==> flow/design.v <==
module sync_compare_mod #(
  parameter integer W = 20,
  parameter integer LANES = 4
) (
  input logic core_clk,
  input logic rst_n,
  input logic [LANES*W-1:0] ch,
  output logic [W-1:0] high
);
  wire [W-1:0] n_ [1:2*LANES-1];
  generate
    for (genvar k = 0; k < LANES; k++) begin : gen
      assign n_[LANES+k] = ch[k*W +: W];
    end
    for (genvar k = 1; k < LANES; k++) begin : lane
      assign n_[k] = (n_[2*k] > n_[2*k+1]) ? n_[2*k] : n_[2*k+1];
    end
  endgenerate
  always_ff @(posedge core_clk) begin
    if (~rst_n) begin
      high <= '0;
    end else begin
      high <= n_[1];
    end
  end
endmodule
---- Reports on sync_compare_mod ----
Tool output for the design above, in the order of the flow.
Lines are those of the file above, counted from 1.
Library cell names are shortened.
Not given: --
design
  top ..................................... sync_compare_mod
  clock ................................... core_clk
  standard-cell library ................... sky130hd
  library corner .......................... tt_025C_1v80

---- Elaborated design ----
Yosys after proc, flatten, opt, wreduce and memory -nomap, before mapping. Enables and synchronous resets that opt folds into registers are not counted as muxes. Memory bits, and registers merged into a memory's read port (data or address), are not among the register bits. Print and check cells are not counted. Equal cells are merged and count once.
word-level totals
  register bits after elaboration ......... 20
  input bits .............................. 82
  output and inout port bits .............. 20
  word-level cells ........................ 7
cells by class
  $lt $le $gt $ge ......................... 3
  mux-type cells .......................... 3
operators by type and width
  operator                        number
  20-bit greater-than comparator  3
  20-bit 2-to-1 mux               3

---- Longest topological paths ----
Yosys ltp: most cells in a row. Word level: on the elaborated netlist, between registers, memories and ports. Mapped: between sequential cells and ports; inverters and the memories' decode and read muxes count.
logic depth
  word-level depth ........................ 4
  ABC_AREA ................................ 0
  mapped depth ............................ 19
  mapped depth without buffers ............ 16

---- Mapped cells and area ----
Source: synth_stat.txt of the flow (Yosys; design flattened, memories mapped). It holds for the ABC_AREA given above (unset counts as 0); a run with the other value may have another netlist.
synthesis totals
  cells in the netlist .................... 329
  synthesis area .......................... 2966.6 µm²
  area of sequential cells ................ 400.4 µm²
  flip-flops .............................. 20
  buffer cells ............................ 16
cells by type
  cell       number  total area (µm²)
  ha_1       60      750.72
  dfxtp_1    20      400.384
  o2bb2ai_2  20      300.288
  mux2_4     19      285.274
  o221a_2    19      213.955
  inv_1      40      150.144
  nand3_1    26      130.125
  nand2_1    26      97.594
  a21oi_1    19      95.091
  nand4_1    12      75.072
  a21o_1     7       52.55
  buf_12     2       40.038
  a211oi_1   5       37.536
  clkbuf_1   9       33.782
  nor2b_1    5       31.28
  nor2_1     6       22.522
  or4_1      3       22.522
  and4_1     2       17.517
Other cell types: 20; their cells: 29.

---- Path before layout ----
OpenSTA on the mapped netlist: ideal clock, no wires. The path of least setup slack (recovery checks aside). Input and output delay are each 20% of the period. Register names are those of the netlist, which keeps one name where synthesis merged equal registers.
path post-synthesis
  path kind ............................... input -> register
  start ................................... in ch[38]
  end ..................................... reg high[16]
  clock period ............................ 6110 ps
  input delay ............................. 1222 ps
  library setup time ...................... 122 ps
  time at the first pin ................... 1222 ps
  arrival time ............................ 5010 ps
  required time ........................... 5988 ps
  path slack .............................. 978 ps
  path delay .............................. 3910 ps
  stages on the path ...................... 17
  path buffers ............................ 3
  synthesis period reached ................ 5132 ps
"path delay" is the arrival time less input delay plus setup time.
"stages on the path": output pins that drive a net of the path, with the launching flip-flop's if there is one; two outputs of one cell count as two.
"synthesis period reached" is the clock period less the worst setup slack; recovery checks do not enter. This is arithmetic on one report: input and output delays are still those of the set period (20% each).
Between the ends stands the longest chain of elaborated cells between them, by number of cells; it is not shown to be the way that was timed. Of several equally long chains one is given.
A line is the first line of the expression or statement that the cell stems from. Yosys adds cells for indexed reads and writes and turns some case tables into memories.
between the ends, post-synthesis
  cell sequence ........................... inv_1 > ha_1 > nand4_1 > or3_4 > or4_1 > o21ai_2 > buf_12 > mux2_4 > ha_1 > nand4_1 > or4_1 > nor2_1 > a31oi_1 > and2_1 > clkbuf_2 > buf_2 > o2bb2ai_2
  cells in the longest elaborated chain ... 4
  elaborated cells on any way between the ends .. 4
  source lines of those cells ............. 1
  those cells by class .................... 2 x compare; 2 x mux
RTL lines, path post-synthesis
  item                            line  text
  start, declared                 7     input logic [LANES*W-1:0] ch,
  20-bit greater-than comparator  16    assign n_[k] = (n_[2*k] > n_[2*k+1]) ? n_[2*k] : n_[2*k+1];
  20-bit 2-to-1 mux               16
  20-bit greater-than comparator  16
  20-bit 2-to-1 mux               16
  end, assigned                   21    high <= '0;
  end, assigned                   23    high <= n_[1];
  end, declared                   8     output logic [W-1:0] high

---- Timing after layout ----
Path of least setup slack in the final report of entry A (OpenROAD, finished layout, wires in). Where an end is a register, its clock arrival counts in the times.
The path's times are printed in steps of 10 ps; the period is the one set.
path after layout
  path kind ............................... input -> register
  start ................................... in ch[21]
  end ..................................... reg high[2]
  clock period ............................ 8260 ps
  input delay ............................. 1650 ps
  library setup time ...................... 70 ps
  time at the first pin ................... 1650 ps
  arrival time ............................ 6590 ps
  required time ........................... 8440 ps
  path slack .............................. 1850 ps
  stages on the path ...................... 17
  path buffers ............................ 2
Between the ends stands the longest chain of elaborated cells between them, by number of cells; it is not shown to be the way that was timed. Of several equally long chains one is given.
between the ends, after layout
  cell sequence ........................... clkdlybuf4s50_1 > inv_1 > ha_1 > nor2b_1 > o211ai_1 > a2111oi_2 > or4_1 > o21ai_2 > buf_4 > mux2_4 > ha_1 > nand4_1 > nor4_1 > o21ai_0 > a31oi_1 > and2_1 > o2bb2ai_2
  cells in the longest elaborated chain ... 4
  elaborated cells on any way between the ends .. 4
  source lines of those cells ............. 1
  those cells by class .................... 2 x compare; 2 x mux
RTL lines, path after layout
  item                            line  text
  start, declared                 7     input logic [LANES*W-1:0] ch,
  20-bit greater-than comparator  16    assign n_[k] = (n_[2*k] > n_[2*k+1]) ? n_[2*k] : n_[2*k+1];
  20-bit 2-to-1 mux               16
  20-bit greater-than comparator  16
  20-bit 2-to-1 mux               16
  end, assigned                   21    high <= '0;
  end, assigned                   23    high <= n_[1];
  end, declared                   8     output logic [W-1:0] high

Data sheet: physical implementation of sync_compare_mod

2 stored runs of sync_compare_mod in the flow (synthesis by Yosys, layout by OpenROAD, sky130hd cells), in arbitrary order. Constraints: input delay and output delay 20% of the set period each, output load 0.01 pF.
"achieved clock period" means the clock period less the worst setup slack. The figure is calculated, with input and output delays left at 20% of the set period.
"time on the worst setup path" means the part of the period allowed to the worst setup path (the constraints hold back 20% at inputs and 20% at outputs) less its slack; where the path has registers, the arrival times of their clocks count too.
"overall power": no workload was simulated; the value follows from the tool's default switching activity.
"time on the worst setup path" is given in steps of 10 ps.

---- entry A ----
settings
  period_ns = 8.26
  CORE_UTILIZATION = 33
  SETUP_SLACK_MARGIN = 0.63
  PLACE_DENSITY_LB_ADDON = 0.22
  HOLD_SLACK_MARGIN = 0.14
  CORE_ASPECT_RATIO = 1.56
  ABC_AREA = 0
  GPL_TIMING_DRIVEN = 1
  GPL_ROUTABILITY_DRIVEN = 0
  CTS_CLUSTER_SIZE = 93
  CTS_CLUSTER_DIAMETER = 274
  CAP_MARGIN = 20
  CORE_MARGIN = 2
  SLEW_MARGIN = 20
results
  time on the worst setup path ............ 4760 ps
  type of the worst setup path ............ input -> register
  achieved clock period ................... 6412 ps
  overall power ........................... 0.5285 mW
  post-synthesis cell area ................ 2966.6 µm²
  smallest hold slack ..................... 2113 ps
  full die area ........................... 9782.6 µm²
  standard-cell area after routing ........ 4137.7 µm²
  sum of negative setup slack ............. 0 ps
  utilization after layout ................ 46.9%
  setup slack of the worst path ........... 1848 ps

---- entry B ----
settings
  period_ns = 6.11
  CAP_MARGIN = 20
  CORE_MARGIN = 2
  CORE_UTILIZATION = 40
  SLEW_MARGIN = 20
results
  time on the worst setup path ............ 4310 ps
  type of the worst setup path ............ input -> register
  achieved clock period ................... 5532 ps
  overall power ........................... 0.6747 mW
  post-synthesis cell area ................ 2966.6 µm²
  smallest hold slack ..................... 1637 ps
  full die area ........................... 8121.6 µm²
  standard-cell area after routing ........ 4107.7 µm²
  sum of negative setup slack ............. 0 ps
  utilization after layout ................ 56.9%
  setup slack of the worst path ........... 578 ps
